==> flow/design.v <==
module reg_file_stage (sys_clk, rstn, wen, waddr, din, rsel, q);
    parameter integer D = 40;
    parameter integer DATA_W = 6;
    parameter integer NUM_RD = 2;
    localparam integer ADDR_W = $clog2(D);
    input sys_clk;
    input rstn;
    input wen;
    input [ADDR_W-1:0] waddr;
    input [DATA_W-1:0] din;
    input [NUM_RD*ADDR_W-1:0] rsel;
    output reg [NUM_RD*DATA_W-1:0] q;
    reg wen_s;
    reg [ADDR_W-1:0] waddr_s;
    reg [DATA_W-1:0] din_s;
    reg [D*DATA_W-1:0] rf;
    genvar i;
    generate
        for (i = 0; i < D; i = i + 1) begin : slice
            always @(posedge sys_clk)
                if (wen_s && waddr_s == i) rf[i*DATA_W +: DATA_W] <= din_s;
        end
    endgenerate
    reg [NUM_RD*ADDR_W-1:0] rsel_s;
    reg [NUM_RD*DATA_W-1:0] tmp;
    integer gj;
    integer idx;
    always @* begin
        tmp = 0;
        for (gj = 0; gj < NUM_RD; gj = gj + 1) begin
            for (idx = 0; idx < D; idx = idx + 1)
                tmp[gj*DATA_W +: DATA_W] = tmp[gj*DATA_W +: DATA_W] | (rf[idx*DATA_W +: DATA_W] & {DATA_W{rsel_s[gj*ADDR_W +: ADDR_W] == idx}});
        end
    end
    always @(posedge sys_clk or negedge rstn) begin
        if (!rstn) begin
            wen_s <= 1'b0;
            waddr_s <= 0;
            din_s <= 0;
            rsel_s <= 0;
            q <= 0;
        end else begin
            wen_s <= wen;
            waddr_s <= waddr;
            din_s <= din;
            rsel_s <= rsel;
            q <= tmp;
        end
    end
endmodule
# Step by step through the tools: reg_file_stage
# What the tools print for reg_file_stage, step after step.
# Lines are those of the file above, counted from 1.
# Cell names lack the library's common part.
# Not given: n/a
# setup
design,reg_file_stage
clock,sys_clk
cell_library,sky130hd
lib_corner,tt_025C_1v80

# Elaborated design
# Counts by Yosys on the flattened word-level netlist (proc, flatten, opt, wreduce; memories kept). Register bits leave out memories and registers merged into their read ports (data or address); mux counts leave out enables and synchronous resets folded into registers. Print and check cells are left out. Cells with the same type and inputs are merged into one.
# bits
ff_bits,277
latchBits,0
ramBits,0
romBits,0
clocked_rd_ports_x_width,0
memories,0
in_bits,27
# classes
addsub,0
mul,0
div_mod_pow,0
cmp,0
eq_ne,117
n_shift,0
mux,0
bitwise,158
reduce_and_logical,43
# ops
op,n
bitwise AND 6 bit,80
OR 6 bit,78
== test 6 x 5 -> 1 bit with constant B,48
== test 6 x 4 -> 1 bit with constant B,24
== test 6 bit with constant B,24
== test 6 x 3 -> 1 bit with constant B,12
logical AND 1 bit,40
== test 6 x 2 -> 1 bit with constant B,6
== test 6 x 1 -> 1 bit with constant B,3
logical NOT 6 bit,3

# Logic depth
# Longest topological path by Yosys (ltp), each cell counted once; first at word level (registers and memories cut), then after technology mapping (sequential cells cut; the memories' decode and read muxes count).
# depth
ltp_word,41
abc_area,0
ltp_mapped,9
depth_no_buf,6

# After synthesis
# Source: synth_stat.txt of the flow (Yosys; design flattened, memories mapped). It holds for the ABC_AREA given above (unset counts as 0); a run with the other value may have another netlist.
# mapped
cell_count,958
mapped_area_um2,12544.5
seqArea_um2,8132.8
ffs,277
n_buf,59
# by_type
type,n
edfxtp_1,240
dfrtp_1,37
a22oi_1,68
mux2i_1,38
nor2_1,93
a32oi_1,36
nand2_1,57
mux2_2,18
nand3_1,38
a22o_1,21
nor3_1,33
nand4_1,22
buf_2,23
o21ai_0,22
a221oi_1,12
a21oi_1,20
clkbuf_1,25
mux4_2,4
# Other cell types: 51; their cells: 151.

# Worst setup path after synthesis
# Source: OpenSTA report_checks on the synthesized netlist (no wires, ideal clock, input and output delay 20% of the period each), path of least setup slack; recovery checks are left aside. Register names are those of the netlist, which keeps one name where synthesis merged equal registers.
# synth_path
kind,register -> register
from,register waddr_s[4]
to,register rf[48]
period_ns,2.93
setup_time_ns,0.377
t_first_pin_ns,0.000
t_arrival_ns,1.969
slack_ns,0.584
path_delay_ns,2.346
path_stages,5
n_path_buf,1
period_less_setup_slack_ns,2.346
# "path_delay_ns" = arrival - input delay + setup time.
# "path_stages" counts driving pins, that of a launching flip-flop among them; a cell with two outputs on the path counts twice.
# "period_less_setup_slack_ns" = period - worst setup slack (recovery checks aside). The figure is calculated, with input and output delays left at 20% of the set period.
# The rows between start and end are the longest chain of elaborated cells between them; the timing report does not say that the signal goes this way. Where chains are equally long, one stands for them.
# A line is the first line of the expression or statement that the cell stems from. Yosys adds cells for indexed reads and writes and turns some case tables into memories.
# synth_between
cell_sequence,dfrtp_1 > or3b_2 > clkbuf_1 > or3b_2 > nor3_1
elab_chain_cells,2
cone_cells,2
cone_lines,1
# synth_rtl
element,line_no,text
from (decl),14,reg [ADDR_W-1:0] waddr_s;
from (assign),38,waddr_s <= 0;
from (assign),44,waddr_s <= waddr;
== test 6 x 4 -> 1 bit,21,if (wen_s && waddr_s == i) rf[i*DATA_W +: DATA_W] <= din_s;
logical AND 1 bit,21,
to (assign),21,
to (decl),16,reg [D*DATA_W-1:0] rf;

# Timing after layout
# From the final timing report of run 2: the path of least setup slack in the routed layout; clock arrival at registers is part of the times.
# layout_path
kind,register -> register
from,register rsel_s[11]
to,register q[10]
period_ns,2.93
setup_time_ns,0.08
t_first_pin_ns,0.56
t_arrival_ns,3.41
slack_ns,0.00
path_stages,10
n_path_buf,3
# The rows between start and end are the longest chain of elaborated cells between them; the timing report does not say that the signal goes this way. Where chains are equally long, one stands for them.
# layout_between
cell_sequence,dfrtp_1 > or4b_2 > buf_4 > nor2_2 > buf_4 > a22oi_1 > o211ai_1 > nor3_1 > buf_4 > nand4_1
elab_chain_cells,41
cone_cells,119
cone_lines,1
# layout_rtl
element,line_no,text
from (decl),24,reg [NUM_RD*ADDR_W-1:0] rsel_s;
from (assign),40,rsel_s <= 0;
from (assign),46,rsel_s <= rsel;
logical NOT 6 bit,32,tmp[gj*DATA_W +: DATA_W] = tmp[gj*DATA_W +: DATA_W] | (rf[idx*DATA_W +: DATA_W] & {DATA_W{rsel_s[gj*ADDR_W +: ...
bitwise AND 6 bit,32,
OR 6 bit x39,32,
to (assign),41,q <= 0;
to (assign),47,q <= tmp;
to (decl),12,output reg [NUM_RD*DATA_W-1:0] q;

# 2 stored runs of reg_file_stage in the flow (synthesis by Yosys, layout by OpenROAD, sky130hd cells), in arbitrary order. Constraints: input delay and output delay 20% of the set period each, output load 0.01 pF.
# "achieved_period_ns": clock period set for the run, less the worst setup slack. It is reckoned from that one timing run; input and output delays stay at 20% of the period that was set.
# "worst_path_allowed_less_slack_ns" = time allowed to the worst setup path (clock period - input delay - output delay, where it has them) - its slack; a late launch clock adds to it, a late capture clock takes from it.
# By "power_total_uw" is meant OpenSTA's value without simulated activity: inputs other than the clock are taken to toggle once in ten clock periods, and the tool carries that through the logic.
# Settings: n/a = not set for that run.
# Among the results, n/a means that no value is shown for the run.
item,run 1,run 2
period_ns,3.53,2.93
CORE_UTILIZATION,50,40
SETUP_SLACK_MARGIN,0.67,n/a
PLACE_DENSITY_LB_ADDON,0.11,n/a
CORE_ASPECT_RATIO,0.94,n/a
CORE_MARGIN,7,2
CELL_PAD_IN_SITES_DETAIL_PLACEMENT,2,n/a
GPL_TIMING_DRIVEN,1,n/a
CTS_CLUSTER_DIAMETER,183,n/a
SLEW_MARGIN,35,20
MIN_ROUTING_LAYER,met2,n/a
CAP_MARGIN,20,20
design.die.area_um2,n/a,32793.6
power_total_uw,n/a,9080
worst_path_allowed_less_slack_ns,n/a,2.93
path_kind,n/a,register -> register
worstSetupSlack_ns,n/a,-0.001
ys_area_um2,n/a,12544.5
achieved_period_ns,n/a,2.931
layout_stdcell_area_um2,n/a,15737.6
# Run 1: not finished: routing ended with error GRT-0116
